==> flow/design.v <==
module multiplier #(
  parameter DWIDTH = 9
) (
  input ck,
  input reset,
  input signed [DWIDTH-1:0] src1_i,
  input signed [DWIDTH-1:0] src2_i,
  output signed [2*DWIDTH-1:0] out_o
);
  reg signed [DWIDTH-1:0] src1_reg;
  always @(posedge ck or posedge reset) begin
    if (reset) begin
      src1_reg <= 0;
    end else begin
      src1_reg <= src1_i;
    end
  end
  reg signed [DWIDTH-1:0] src2_reg;
  always @(posedge ck or posedge reset) begin
    if (reset) begin
      src2_reg <= 0;
    end else begin
      src2_reg <= src2_i;
    end
  end
  assign out_o = src1_reg * src2_reg;
endmodule
* Tool chain data of multiplier
What the tools print for multiplier, step after step.
Lines are those of the file above, counted from 1.
Library cell names are shortened.
A cell with - has no value.
- Top module :: multiplier
- Clock port :: ck
- Standard-cell library :: sky130hd
- Corner :: tt_025C_1v80

* Word-level counts
Counts by Yosys on the flattened word-level netlist (proc, flatten, opt, wreduce; memories kept). Register bits leave out memories and registers merged into their read ports (data or address); mux counts leave out enables and synchronous resets folded into registers. Print and check cells are left out. Cells with the same type and inputs are merged into one.
- Cells after elaboration :: 3
- Flip-flop bits (word level) :: 18
- Bits of input ports :: 20
- Multiply operators :: 1
** Operator list (count)
- multiplier 9 x 9 -> 18 bit :: 1

* Logic depth
Longest topological path by Yosys (ltp), each cell counted once; first at word level (registers and memories cut), then after technology mapping (sequential cells cut; the memories' decode and read muxes count).
- Depth in word-level cells :: 1
- ABC_AREA :: 0
- Mapped depth :: 18

* Mapped cells and area
The flow's flattened synthesis, as Yosys stat reports it; memories are mapped. The netlist is that of the ABC_AREA named above (0 if unset); the other value can give another one.
** Cells by type
- fa_1 :: count 70, total area 1.4E+03 sq um
- ha_1 :: count 38, total area 475.456 sq um
- dfrtp_1 :: count 18, total area 450.432 sq um
- inv_1 :: count 75, total area 281.52 sq um
- and2_1 :: count 34, total area 212.704 sq um
- nand2_1 :: count 41, total area 153.898 sq um
- xnor2_1 :: count 14, total area 122.618 sq um
- nor2b_1 :: count 6, total area 37.536 sq um
- xor2_1 :: count 4, total area 35.034 sq um
- a21oi_1 :: count 6, total area 30.029 sq um
- a2111oi_4 :: count 1, total area 27.526 sq um
- o21ai_0 :: count 5, total area 25.024 sq um
- clkbuf_1 :: count 6, total area 22.522 sq um
- o21a_1 :: count 3, total area 22.522 sq um
- nand2b_1 :: count 3, total area 18.768 sq um
- or3_1 :: count 3, total area 18.768 sq um
- a41oi_2 :: count 1, total area 16.266 sq um
- a21o_1 :: count 2, total area 15.014 sq um
Not listed: further types 14, cells in them 18.
- Mapped area :: 3502.1 sq um
- Mapped cells :: 348
- Buffers :: 6
- Sequential area :: 450.4 sq um
- Flip-flops :: 18

* Timing after synthesis
OpenSTA on the mapped netlist: ideal clock, no wires. The path of least setup slack (recovery checks aside). Input and output delay are each 20% of the period. Register names are those of the netlist, which keeps one name where synthesis merged equal registers.
- Kind :: register to output
- Start point :: register src2_reg[0]
- End point :: output port out_o[16]
- Period :: 6970 ps
- Arrival :: 4460 ps
- Required time :: 5576 ps
- Stages :: 15
- Buffers on the path :: 1
- Path slack :: 1116 ps
- External output delay :: 1394 ps
- Launch time at the first pin :: 0 ps
- Path delay :: 4460 ps
- Synthesis period reached :: 5854 ps
"path delay" is the arrival time less input delay plus setup time.
At an output port there is no setup time.
"stages" counts driving pins, that of a launching flip-flop among them; a cell with two outputs on the path counts twice.
"synthesis period reached" = period - worst setup slack (recovery checks aside). The figure is calculated, with input and output delays left at 20% of the set period.
The rows between start and end are the longest chain of elaborated cells between them; the timing report does not say that the signal goes this way. Where chains are equally long, one stands for them.
Each line given opens the expression or statement behind the cell; cells for indexed reads and writes are added by Yosys, which also makes memories of some case tables.
- Cell sequence :: dfrtp_1 > clkbuf_1 > nand2_1 > fa_1 > fa_1 > fa_1 > fa_1 > inv_1 > ha_1 > ha_1 > a21oi_1 > xor2_1 > or3_1 > a31o_1 > o221ai_1
- Length of the longest elaborated chain :: 1
- Elaborated cells on any way between the ends :: 1
- Source lines of those cells :: 1
- Classes of those cells :: 1 x mul
** RTL lines, path after synthesis
- start, declared :: RTL line 18 : reg signed [DWIDTH-1:0] src2_reg;
- start, assigned :: RTL line 21 : src2_reg <= 0;
- start, assigned :: RTL line 23 : src2_reg <= src2_i;
- multiplier 9 x 9 -> 18 bit :: RTL line 26 : assign out_o = src1_reg * src2_reg;
- end, declared :: RTL line 8 : output signed [2*DWIDTH-1:0] out_o

* Path in the finished layout
Path of least setup slack in the final report of run 2 (OpenROAD, finished layout, wires in). Where an end is a register, its clock arrival counts in the times.
The report prints the path's times to 10 ps; the period is as set.
- Kind :: register to output
- Start point :: register src2_reg[2]
- End point :: output port out_o[16]
- Buffers on the path :: 1
- External output delay :: 1390 ps
- Arrival :: 5300 ps
- Period :: 6970 ps
- Stages :: 15
- Required time :: 5580 ps
- Launch time at the first pin :: 240 ps
- Path slack :: 270 ps
The rows between start and end are the longest chain of elaborated cells between them; the timing report does not say that the signal goes this way. Where chains are equally long, one stands for them.
- Cell sequence :: dfrtp_1 > nand2_1 > fa_2 > fa_1 > fa_1 > fa_1 > inv_1 > ha_1 > ha_1 > a21oi_1 > xor2_1 > or3_1 > a31o_1 > o221ai_1 > clkdlybuf4s50_1
- Length of the longest elaborated chain :: 1
- Elaborated cells on any way between the ends :: 1
- Source lines of those cells :: 1
- Classes of those cells :: 1 x mul
** RTL lines, path post-layout
- start, declared :: RTL line 18 : reg signed [DWIDTH-1:0] src2_reg;
- start, assigned :: RTL line 21 : src2_reg <= 0;
- start, assigned :: RTL line 23 : src2_reg <= src2_i;
- multiplier 9 x 9 -> 18 bit :: RTL line 26 : assign out_o = src1_reg * src2_reg;
- end, declared :: RTL line 8 : output signed [2*DWIDTH-1:0] out_o

# Flow runs of multiplier

Below are 3 stored runs of the flow (Yosys, OpenROAD; platform sky130hd) on multiplier, each with its settings and what was measured, unordered. Constraints: input delay and output delay 20% of the set period each, output load 0.01 pF.
"achieved period" = clock period - worst setup slack. The figure is calculated, with input and output delays left at 20% of the set period.
By "time on the worst setup path" is meant the share of the clock period that the worst setup path is allowed (20% is reserved at inputs, 20% at outputs), minus its slack. Clock arrival times at its registers enter into it.
"time on the worst setup path" is known to 10 ps.

* Run 1
** Files
==> flow/run.sh <==
#!/bin/bash
# the make line also repeats the synthesis and layout settings of config.mk as NAME=value (left out here)
make -C /OpenROAD-flow-scripts/flow DESIGN_CONFIG=/design/flow/config.mk WORK_HOME=/design/flow/orfs CLKGATE_MAP_FILE= finish
==> flow/config.mk <==
export PLATFORM = sky130hd
export DESIGN_NAME = multiplier
export DESIGN_NICKNAME = multiplier
export VERILOG_FILES = /design/flow/design.v
export SDC_FILE = /design/flow/constraint.sdc
export NUM_CORES = 4
export LEC_CHECK = 0
export ABC_AREA = 0
export CAP_MARGIN = 25
export CELL_PAD_IN_SITES_GLOBAL_PLACEMENT = 1
export CORE_ASPECT_RATIO = 0.59
export CORE_MARGIN = 2
export CORE_UTILIZATION = 72
export GPL_ROUTABILITY_DRIVEN = 1
export MAX_ROUTING_LAYER = met4
export MIN_ROUTING_LAYER = met2
export PLACE_DENSITY_LB_ADDON = 0.17
export SETUP_SLACK_MARGIN = -0.62
export SLEW_MARGIN = 20
export TNS_END_PERCENT = 10
==> flow/constraint.sdc <==
create_clock -name core_clock -period 8.31 [get_ports {ck}]
set_input_delay 1.6620 -clock core_clock [delete_from_list [all_inputs] [get_ports {ck}]]
set_output_delay 1.6620 -clock core_clock [all_outputs]
set_load 0.01 [all_outputs]
** Results
No results, placement failed with FLW-0024.

* Run 2
** Files
==> flow/run.sh <==
#!/bin/bash
# the make line also repeats the synthesis and layout settings of config.mk as NAME=value (left out here)
make -C /OpenROAD-flow-scripts/flow DESIGN_CONFIG=/design/flow/config.mk WORK_HOME=/design/flow/orfs CLKGATE_MAP_FILE= finish
==> flow/config.mk <==
export PLATFORM = sky130hd
export DESIGN_NAME = multiplier
export DESIGN_NICKNAME = multiplier
export VERILOG_FILES = /design/flow/design.v
export SDC_FILE = /design/flow/constraint.sdc
export NUM_CORES = 4
export LEC_CHECK = 0
export CAP_MARGIN = 20
export CORE_MARGIN = 2
export CORE_UTILIZATION = 40
export SLEW_MARGIN = 20
==> flow/constraint.sdc <==
create_clock -name core_clock -period 6.97 [get_ports {ck}]
set_input_delay 1.3940 -clock core_clock [delete_from_list [all_inputs] [get_ports {ck}]]
set_output_delay 1.3940 -clock core_clock [all_outputs]
set_load 0.01 [all_outputs]
** Results
- Achieved period :: 6,698 ps
- Time on the worst setup path :: 5,300 ps
- Worst path kind :: register to output
- Worst setup slack after layout :: 272 ps
- Final utilization :: 0.471
- Area of the synthesized netlist :: 3,502.1 sq um
- Total negative slack :: 0 ps
- Standard-cell area of the final layout :: 4,047.6 sq um
- Die area :: 9,519.9 sq um

* Run 3
** Files
==> flow/run.sh <==
#!/bin/bash
# the make line also repeats the synthesis and layout settings of config.mk as NAME=value (left out here)
make -C /OpenROAD-flow-scripts/flow DESIGN_CONFIG=/design/flow/config.mk WORK_HOME=/design/flow/orfs CLKGATE_MAP_FILE= finish
==> flow/config.mk <==
export PLATFORM = sky130hd
export DESIGN_NAME = multiplier
export DESIGN_NICKNAME = multiplier
export VERILOG_FILES = /design/flow/design.v
export SDC_FILE = /design/flow/constraint.sdc
export NUM_CORES = 4
export LEC_CHECK = 0
export ABC_AREA = 0
export CAP_MARGIN = 20
export CORE_MARGIN = 4
export CORE_UTILIZATION = 43
export MIN_ROUTING_LAYER = met1
export PLACE_DENSITY_LB_ADDON = 0.16
export SLEW_MARGIN = 30
==> flow/constraint.sdc <==
create_clock -name core_clock -period 4.27 [get_ports {ck}]
set_input_delay 0.8540 -clock core_clock [delete_from_list [all_inputs] [get_ports {ck}]]
set_output_delay 0.8540 -clock core_clock [all_outputs]
set_load 0.01 [all_outputs]
** Results
- Achieved period :: 5,551 ps
- Time on the worst setup path :: 4,700 ps
- Worst path kind :: register to output
- Worst setup slack after layout :: -1,281 ps
- Final utilization :: 0.641
- Area of the synthesized netlist :: 3,502.1 sq um
- Total negative slack :: -12,129 ps
- Standard-cell area of the final layout :: 5,006.1 sq um
- Die area :: 9,652.1 sq um
